==> flow/design.v <==
module alu_registers_rtl #(
  parameter D = 48,
  parameter WIDTH = 10,
  parameter ADDR_WIDTH = $clog2(D)
) (
  input wire CLK,
  input wire i_rst_n,
  input wire in_wr,
  input wire [ADDR_WIDTH-1:0] in_wsel,
  input wire [WIDTH-1:0] in_write_data,
  input wire [ADDR_WIDTH-1:0] in_raddr_a,
  input wire [ADDR_WIDTH-1:0] in_raddr_b,
  output wire [WIDTH-1:0] out_read_data_a,
  output wire [WIDTH-1:0] out_read_data_b
);
  reg wr_s;
  reg [ADDR_WIDTH-1:0] wsel_s;
  reg [WIDTH-1:0] write_data_s;
  always @(posedge CLK or negedge i_rst_n) begin
    if (!i_rst_n) begin
      wr_s <= 1'b0;
      wsel_s <= 0;
      write_data_s <= 0;
    end else begin
      wr_s <= in_wr;
      wsel_s <= in_wsel;
      write_data_s <= in_write_data;
    end
  end
  reg [WIDTH-1:0] ram [0:D-1];
  always @(posedge CLK) begin
    if (wr_s && wsel_s != 0)
      ram[wsel_s] <= write_data_s;
  end
  reg [ADDR_WIDTH-1:0] raddr_a_s;
  reg [ADDR_WIDTH-1:0] raddr_b_s;
  reg [WIDTH-1:0] read_data_a_s;
  always @(posedge CLK or negedge i_rst_n) begin
    if (!i_rst_n) begin
      raddr_a_s <= 0;
      raddr_b_s <= 0;
      read_data_a_s <= 0;
    end else begin
      raddr_a_s <= in_raddr_a;
      raddr_b_s <= in_raddr_b;
      read_data_a_s <= (raddr_a_s == 0) ? {WIDTH{1'b0}} : ram[raddr_a_s];
    end
  end
  assign out_read_data_a = read_data_a_s;
  reg [WIDTH-1:0] read_data_b_s;
  always @(posedge CLK or negedge i_rst_n) begin
    if (!i_rst_n) begin
      read_data_b_s <= 0;
    end else begin
      read_data_b_s <= (raddr_b_s == 0) ? {WIDTH{1'b0}} : ram[raddr_b_s];
    end
  end
  assign out_read_data_b = read_data_b_s;
endmodule
# From RTL to reports: alu_registers_rtl

The steps from the RTL of alu_registers_rtl to its reports follow in flow order.
Line numbers count from 1 in the design file above.
Operators carry their Yosys type and port widths (W data, S select, Z words).
The mark -- stands for no value.

Design top: alu_registers_rtl
Clock input: CLK
Standard-cell library: sky130hd
Corner: tt_025C_1v80

# After elaboration

Counts by Yosys on the flattened word-level netlist (proc, flatten, opt, wreduce; memories kept). Register bits leave out memories and registers merged into their read ports (data or address); mux counts leave out enables and synchronous resets folded into registers. Print and check cells are left out. Cells with the same type and inputs are merged into one.
Memory sizes are those after Yosys's memory passes, which may raise the word count (mostly to a power of two), join words into wider ones and drop unused or constant bits.

Multiplexer cells: 5
Reductions and logical operators: 4

Operators with widths:

| operator            | number |
| $mux W10            | 3 |
| $logic_not A6 Y1    | 2 |
| $reduce_bool A6 Y1  | 1 |
| $mux W6             | 1 |
| $logic_and A1 B1 Y1 | 1 |
| $mux W1             | 1 |

Register bits: 49
Memory bits (writable): 480
Memories: 1
Bits of input ports: 31
Output and inout port bits: 20
Elaborated cells: 17

Memories:

| name | words | bits a word | rd ports | wr ports | RTL line | source |
| ram  | 48    | 10          | 2        | 1        | 30       | `reg [WIDTH-1:0] ram [0:D-1];` |

# Logic depth

Depth = most cells in a row (Yosys ltp): at word level without a register or memory, in the mapped netlist without a sequential cell, where the memories' decode and read muxes count.

Depth after elaboration: 3
ABC_AREA: 0
Depth in mapped cells: 8
Mapped depth without buffers: 5

# Netlist

Source: synth_stat.txt of the flow (Yosys; design flattened, memories mapped). It holds for the ABC_AREA given above (unset counts as 0); a run with the other value may have another netlist.
Totals and module areas in this step are rounded.

Mapped cells: 1,163
Synthesis area: 0.0237 mm²
Flip-flop cells: 529
Buffer cells: 80

Cells by type:

| cell type                 | number | total area (µm²) |
| sky130_fd_sc_hd__edfxtp_1 | 480    | 1.44E+04 |
| sky130_fd_sc_hd__mux4_2   | 235    | 5.29E+03 |
| sky130_fd_sc_hd__dfrtp_1  | 49     | 1.23E+03 |
| sky130_fd_sc_hd__mux2i_1  | 39     | 390.374 |
| sky130_fd_sc_hd__a22oi_1  | 43     | 322.81 |
| sky130_fd_sc_hd__nor2_1   | 61     | 228.97 |
| sky130_fd_sc_hd__buf_2    | 41     | 205.197 |
| sky130_fd_sc_hd__mux4_1   | 7      | 183.926 |
| sky130_fd_sc_hd__mux2_2   | 13     | 146.39 |
| sky130_fd_sc_hd__a22o_1   | 13     | 113.859 |
| sky130_fd_sc_hd__buf_6    | 8      | 90.086 |
| sky130_fd_sc_hd__nor2b_1  | 13     | 81.328 |
| sky130_fd_sc_hd__nand2_1  | 19     | 71.318 |
| sky130_fd_sc_hd__o22ai_1  | 11     | 68.816 |
| sky130_fd_sc_hd__buf_4    | 7      | 52.55 |
| sky130_fd_sc_hd__nand4_1  | 8      | 50.048 |
| sky130_fd_sc_hd__clkbuf_1 | 13     | 48.797 |
| sky130_fd_sc_hd__o21a_1   | 6      | 45.043 |

Other cell types: 32; their cells: 97.

# Timing after synthesis

OpenSTA on the mapped netlist: ideal clock, no wires. The path of least setup slack (recovery checks aside). Input and output delay are each 20% of the period. Register names are those of the netlist, which keeps one name where synthesis merged equal registers.

Path type: register to register
Start point: register raddr_a_s[0]
End point: register read_data_a_s[0]
Period: 2,510 ps
Setup time: 157 ps
Launch time at the first pin: 0 ps
Arrival: 1,850 ps
Slack: 504 ps
Path delay: 2,007 ps
Driving pins on the path: 9
Path buffers: 3
Period reached after synthesis: 2,006 ps

"path delay" is the arrival time less input delay plus setup time.
"driving pins on the path": output pins that drive a net of the path, with the launching flip-flop's if there is one; two outputs of one cell count as two.
"period reached after synthesis" = period - worst setup slack (recovery checks aside). The figure is calculated, with input and output delays left at 20% of the set period.
Between the ends stands the longest chain of elaborated cells between them, by number of cells; it is not shown to be the way that was timed. Of several equally long chains one is given.
Each line given opens the expression or statement behind the cell; cells for indexed reads and writes are added by Yosys, which also makes memories of some case tables.
The chain passes a memory read, where the word-level depth is cut; so it can be longer than that depth.

Path through: sky130_fd_sc_hd__dfrtp_1 sky130_fd_sc_hd__buf_2 sky130_fd_sc_hd__buf_6 sky130_fd_sc_hd__buf_2 sky130_fd_sc_hd__mux4_2 sky130_fd_sc_hd__a22oi_1 sky130_fd_sc_hd__nand2_1 sky130_fd_sc_hd__nor3_1 sky130_fd_sc_hd__a21oi_1
Length of the longest elaborated chain: 2
Elaborated cells on any way between the ends: 3
RTL lines with such cells: 2

RTL lines, path after synthesis:

| item            | RTL line | source |
| start, declared | 35       | `reg [ADDR_WIDTH-1:0] raddr_a_s;` |
| start, assigned | 40       | `raddr_a_s <= 0;` |
| start, assigned | 44       | `raddr_a_s <= in_raddr_a;` |
| $mem_v2 Z48 W10 | 30       | `reg [WIDTH-1:0] ram [0:D-1];` |
| $mux W10        | 46       | `read_data_a_s <= (raddr_a_s == 0) ? {WIDTH{1'b0}} : ram[raddr_a_s];` |
| end, assigned   | 42       | `read_data_a_s <= 0;` |
| end, assigned   | 46       |  |
| end, declared   | 37       | `reg [WIDTH-1:0] read_data_a_s;` |

# Worst path after layout

Path of least setup slack in the final report of flow run 1 (OpenROAD, finished layout, wires in). Where an end is a register, its clock arrival counts in the times.
The path's times are printed in steps of 10 ps; the period is the one set.

Path type: register to register
Start point: register raddr_a_s[0]
End point: register read_data_a_s[5]
Period: 3,690 ps
Setup time: 140 ps
Launch time at the first pin: 600 ps
Arrival: 3,640 ps
Slack: 510 ps
Driving pins on the path: 7
Path buffers: 1

Between the ends stands the longest chain of elaborated cells between them, by number of cells; it is not shown to be the way that was timed. Of several equally long chains one is given.
The chain passes a memory read, where the word-level depth is cut; so it can be longer than that depth.

Path through: sky130_fd_sc_hd__dfrtp_4 sky130_fd_sc_hd__buf_4 sky130_fd_sc_hd__mux4_2 sky130_fd_sc_hd__a22oi_1 sky130_fd_sc_hd__nand2_1 sky130_fd_sc_hd__nor3_1 sky130_fd_sc_hd__a21oi_1
Length of the longest elaborated chain: 2
Elaborated cells on any way between the ends: 3
RTL lines with such cells: 2

RTL lines, path post-layout:

| item            | RTL line | source |
| start, declared | 35       | `reg [ADDR_WIDTH-1:0] raddr_a_s;` |
| start, assigned | 40       | `raddr_a_s <= 0;` |
| start, assigned | 44       | `raddr_a_s <= in_raddr_a;` |
| $mem_v2 Z48 W10 | 30       | `reg [WIDTH-1:0] ram [0:D-1];` |
| $mux W10        | 46       | `read_data_a_s <= (raddr_a_s == 0) ? {WIDTH{1'b0}} : ram[raddr_a_s];` |
| end, assigned   | 42       | `read_data_a_s <= 0;` |
| end, assigned   | 46       |  |
| end, declared   | 37       | `reg [WIDTH-1:0] read_data_a_s;` |

Subject: alu_registers_rtl on sky130hd, stored results

Hello all,

Record of 2 stored runs of the RTL-to-layout flow on alu_registers_rtl, platform sky130hd. The runs are unordered. Constraints: input delay and output delay 20% of the set period each, output load 0.01 pF.
"clock period reached" is the run's clock period less its worst setup slack. It is reckoned from that one timing run; input and output delays stay at 20% of the period that was set.
By "allowed time less slack (worst setup path)" is meant the share of the clock period that the worst setup path is allowed (20% is reserved at inputs, 20% at outputs), minus its slack. Clock arrival times at its registers enter into it.
"total design power" is the tool's figure for a default switching activity; nothing was simulated.
"allowed time less slack (worst setup path)" is known to 10 ps.
Results are given in rounded form.
Among the settings, - means not set for that run.

| setting or result                                       | flow run 1           | flow run 2           |
| period_ns                                               | 3.69                 | 2.51                 |
| CORE_UTILIZATION                                        | 48                   | 40                   |
| SETUP_SLACK_MARGIN                                      | 0.03                 | -                    |
| PLACE_DENSITY_LB_ADDON                                  | 0.02                 | -                    |
| TNS_END_PERCENT                                         | 55                   | -                    |
| GPL_ROUTABILITY_DRIVEN                                  | 0                    | -                    |
| CTS_CLUSTER_SIZE                                        | 43                   | -                    |
| SLEW_MARGIN                                             | 5                    | 20                   |
| CAP_MARGIN                                              | 20                   | 20                   |
| CORE_MARGIN                                             | 2                    | 2                    |
| die size (mm²)                                          | 0.0511               | 0.0612               |
| allowed time less slack (worst setup path) (ps)         | 3,180                | 2,510                |
| kind of the worst setup path                            | register to register | register to register |
| chip area after synthesis (Yosys) (mm²)                 | 0.0237               | 0.0237               |
| worst setup slack after layout (ps)                     | 506                  | 1                    |
| area of the standard cells in the finished layout (mm²) | 0.0274               | 0.0283               |
| clock period reached (ps)                               | 3,184                | 2,509                |
| summed negative setup slack (ps)                        | 0                    | 0                    |
| total design power (W)                                  | 0.0135               | 0.0203               |

Thanks
